==> flow/design.v <==
module core_mag_cmp_v2 #(
  parameter integer W = 80
) (
  input  wire clk,
  input  wire valid,
  input  wire signed [W-1:0] rs1_in,
  input  wire signed [W-1:0] rs2_in,
  output wire a_lt_b_out,
  output wire match_out,
  output wire a_gt_b_out
);
  reg signed [W-1:0] rs1_d1;
  reg signed [W-1:0] rs2_d1;
  always @(posedge clk) begin
    if (valid) begin
      rs1_d1 <= rs1_in;
      rs2_d1 <= rs2_in;
    end
  end
  assign a_lt_b_out = (rs1_d1 < rs2_d1);
  assign match_out = (rs1_d1 == rs2_d1);
  assign a_gt_b_out = (rs1_d1 > rs2_d1);
endmodule
* Tool chain data of core_mag_cmp_v2
The steps from the RTL of core_mag_cmp_v2 to its reports follow in flow order.
Line numbers count from 1 in the design file above.
Library cell names are shortened.
A cell with - has no value.
- Top module :: core_mag_cmp_v2
- Clock port :: clk
- Cell library :: sky130hd
- Timing corner :: tt_025C_1v80

* After elaboration
Yosys after proc, flatten, opt, wreduce and memory -nomap, before mapping. Enables and synchronous resets that opt folds into registers are not counted as muxes. Memory bits, and registers merged into a memory's read port (data or address), are not among the register bits. Print and check cells are not counted. Equal cells are merged and count once.
- Add/subtract/negate cells :: 0
- Multiply operators :: 0
- Div/mod/pow operators :: 0
- $lt $le $gt $ge :: 2
- Equal/unequal tests :: 1
- Shifts and indexed selects :: 0
- Multiplexer cells :: 0
- Bitwise logic cells :: 0
- Reduce/logical cells :: 0
** Operators by type and width (number)
- 80-bit greater-than comparator :: 1
- 80-bit less-than comparator :: 1
- 80-bit == test :: 1
- Register bits :: 160
- Bits in latches :: 0
- Bits in writable memories :: 0
- Memory bits (read-only) :: 0
- Word width x clocked read ports :: 0
- Memories kept :: 0
- Bits of input ports :: 162
- Output and inout bits :: 3
- Word-level cells :: 5

* Depth
Depth = most cells in a row (Yosys ltp): at word level without a register or memory, in the mapped netlist without a sequential cell, where the memories' decode and read muxes count.
- Depth in word-level cells :: 1
- ABC_AREA :: 0
- Gate-level depth with buffers :: 9
- Mapped depth without buffers :: 9

* Synthesis result
Source: synth_stat.txt of the flow (Yosys; design flattened, memories mapped). It holds for the ABC_AREA given above (unset counts as 0); a run with the other value may have another netlist.
Totals and module areas in this step are rounded.
- Mapped cells :: 452
- Chip area (Yosys) :: 6854 um^2
- Sequential area :: 4805 um^2
- Mapped flip-flops :: 160
- Buffer cells :: 0
** Cells by type
- edfxtp_1 :: number 160, total area 4.8E+03 um^2
- ha_1 :: number 80, total area 1000.96 um^2
- inv_1 :: number 85, total area 319.056 um^2
- a21oi_1 :: number 29, total area 145.139 um^2
- nand2_1 :: number 23, total area 86.333 um^2
- nand4_1 :: number 11, total area 68.816 um^2
- o21ai_0 :: number 10, total area 50.048 um^2
- a21o_1 :: number 6, total area 45.043 um^2
- a221oi_1 :: number 4, total area 35.034 um^2
- and4_1 :: number 4, total area 35.034 um^2
- nor2_1 :: number 8, total area 30.029 um^2
- nand3_1 :: number 5, total area 25.024 um^2
- and4_2 :: number 2, total area 20.019 um^2
- nor3_1 :: number 4, total area 20.019 um^2
- o221ai_1 :: number 2, total area 17.517 um^2
- a211oi_1 :: number 2, total area 15.014 um^2
- o211ai_1 :: number 2, total area 15.014 um^2
- a211oi_2 :: number 1, total area 12.512 um^2
Not listed: further types 12, cells in them 14.

* Path before layout
Source: OpenSTA report_checks on the synthesized netlist (no wires, ideal clock, input and output delay 20% of the period each), path of least setup slack; recovery checks are left aside. Register names are those of the netlist, which keeps one name where synthesis merged equal registers.
- Kind :: register to output
- Start :: register rs1_d1[69]
- End :: output port a_gt_b_out
- Period :: 3220 ps
- External output delay :: 644 ps
- Time at the first pin :: 0 ps
- Arrival time :: 2060 ps
- Required time :: 2576 ps
- Path slack :: 516 ps
- Path delay :: 2060 ps
- Driving pins on the path :: 9
- Buffers on the path :: 0
- Synthesis period reached :: 2704 ps
"path delay" is the arrival time less input delay plus setup time.
A path that ends at an output port has no setup time.
"driving pins on the path": output pins that drive a net of the path, with the launching flip-flop's if there is one; two outputs of one cell count as two.
"synthesis period reached" = period - worst setup slack (recovery checks aside). The figure is calculated, with input and output delays left at 20% of the set period.
The rows between start and end are the longest chain of elaborated cells between them; the timing report does not say that the signal goes this way. Where chains are equally long, one stands for them.
Each line given opens the expression or statement behind the cell; cells for indexed reads and writes are added by Yosys, which also makes memories of some case tables.
- Cell sequence :: edfxtp_1 > ha_1 > a21o_1 > a21o_1 > a221o_1 > a22o_1 > a211oi_2 > nor2_1 > nor3_1
- Length of the longest elaborated chain :: 1
- Elaborated cells on any way between the ends :: 1
- Source lines of those cells :: 1
- Classes of those cells :: compare (1)
** Ends and longest elaborated chain, post-synthesis
- start, declared :: RTL line 12 : reg signed [W-1:0] rs1_d1;
- start, assigned :: RTL line 16 : rs1_d1 <= rs1_in;
- 80-bit greater-than comparator :: RTL line 22 : assign a_gt_b_out = (rs1_d1 > rs2_d1);
- end, declared :: RTL line 10 : output wire a_gt_b_out

* Path in the finished layout
From the final timing report of entry A: the path of least setup slack in the routed layout; clock arrival at registers is part of the times.
The report prints the path's times to 10 ps; the period is as set.
- Kind :: register to output
- Start :: register rs1_d1[41]
- End :: output port a_lt_b_out
- Period :: 3220 ps
- External output delay :: 640 ps
- Time at the first pin :: 420 ps
- Arrival time :: 2810 ps
- Required time :: 2580 ps
- Path slack :: -230 ps
- Driving pins on the path :: 12
- Buffers on the path :: 3
The rows between start and end are the longest chain of elaborated cells between them; the timing report does not say that the signal goes this way. Where chains are equally long, one stands for them.
- Cell sequence :: edfxtp_1 > ha_1 > nand4_1 > nor4_2 > buf_4 > inv_1 > nor3_4 > buf_4 > a211oi_2 > o211a_1 > or2_1 > buf_2
- Length of the longest elaborated chain :: 1
- Elaborated cells on any way between the ends :: 1
- Source lines of those cells :: 1
- Classes of those cells :: compare (1)
** Ends and longest elaborated chain, after layout
- start, declared :: RTL line 12 : reg signed [W-1:0] rs1_d1;
- start, assigned :: RTL line 16 : rs1_d1 <= rs1_in;
- 80-bit less-than comparator :: RTL line 20 : assign a_lt_b_out = (rs1_d1 < rs2_d1);
- end, declared :: RTL line 8 : output wire a_lt_b_out,

--- measured runs ---
Record of 3 stored runs of the RTL-to-layout flow on core_mag_cmp_v2, platform sky130hd. The runs are unordered. Constraints: input delay and output delay 20% of the set period each, output load 0.01 pF.
"total power after layout" rests on the timing tool's default activity at the inputs, not on a simulated workload.
The measured numbers are rounded.

** Entry A
- Settings :: period_ns=3.22; CAP_MARGIN=20; CORE_MARGIN=2; CORE_UTILIZATION=40; SLEW_MARGIN=20
- Worst-case hold slack :: 700 ps
- Total power after layout :: 5062 µW
- Area of the standard cells in the finished layout :: 9654 um^2
- Worst setup slack after layout :: -230 ps
- Mapped cell area after synthesis :: 6854 um^2
- Area inside the die boundary :: 18200 um^2

** Entry B
- Settings :: period_ns=2.7; CORE_UTILIZATION=21; CORE_MARGIN=10; CELL_PAD_IN_SITES_GLOBAL_PLACEMENT=0; ABC_AREA=1; CTS_CLUSTER_SIZE=61; CTS_CLUSTER_DIAMETER=337; SLEW_MARGIN=35; CAP_MARGIN=20
- Worst setup slack after layout :: -255 ps
- Worst-case hold slack :: 485 ps
- Total power after layout :: 6125 µW
- Mapped cell area after synthesis :: 7083 um^2
- Area of the standard cells in the finished layout :: 10210 um^2
- Area inside the die boundary :: 41480 um^2

** Entry C
- Settings :: period_ns=3.19; CORE_UTILIZATION=52; SETUP_SLACK_MARGIN=0.26; PLACE_DENSITY_LB_ADDON=0.18; CORE_ASPECT_RATIO=1.18; TNS_END_PERCENT=80; ABC_AREA=1; GPL_ROUTABILITY_DRIVEN=1; CAP_MARGIN=20; CORE_MARGIN=2; SLEW_MARGIN=20
- Mapped cell area after synthesis :: 7083 um^2
- Area of the standard cells in the finished layout :: 9668 um^2
- Area inside the die boundary :: 14570 um^2
- Worst setup slack after layout :: 198 ps
- Total power after layout :: 5157 µW
- Worst-case hold slack :: 615 ps
--- end ---
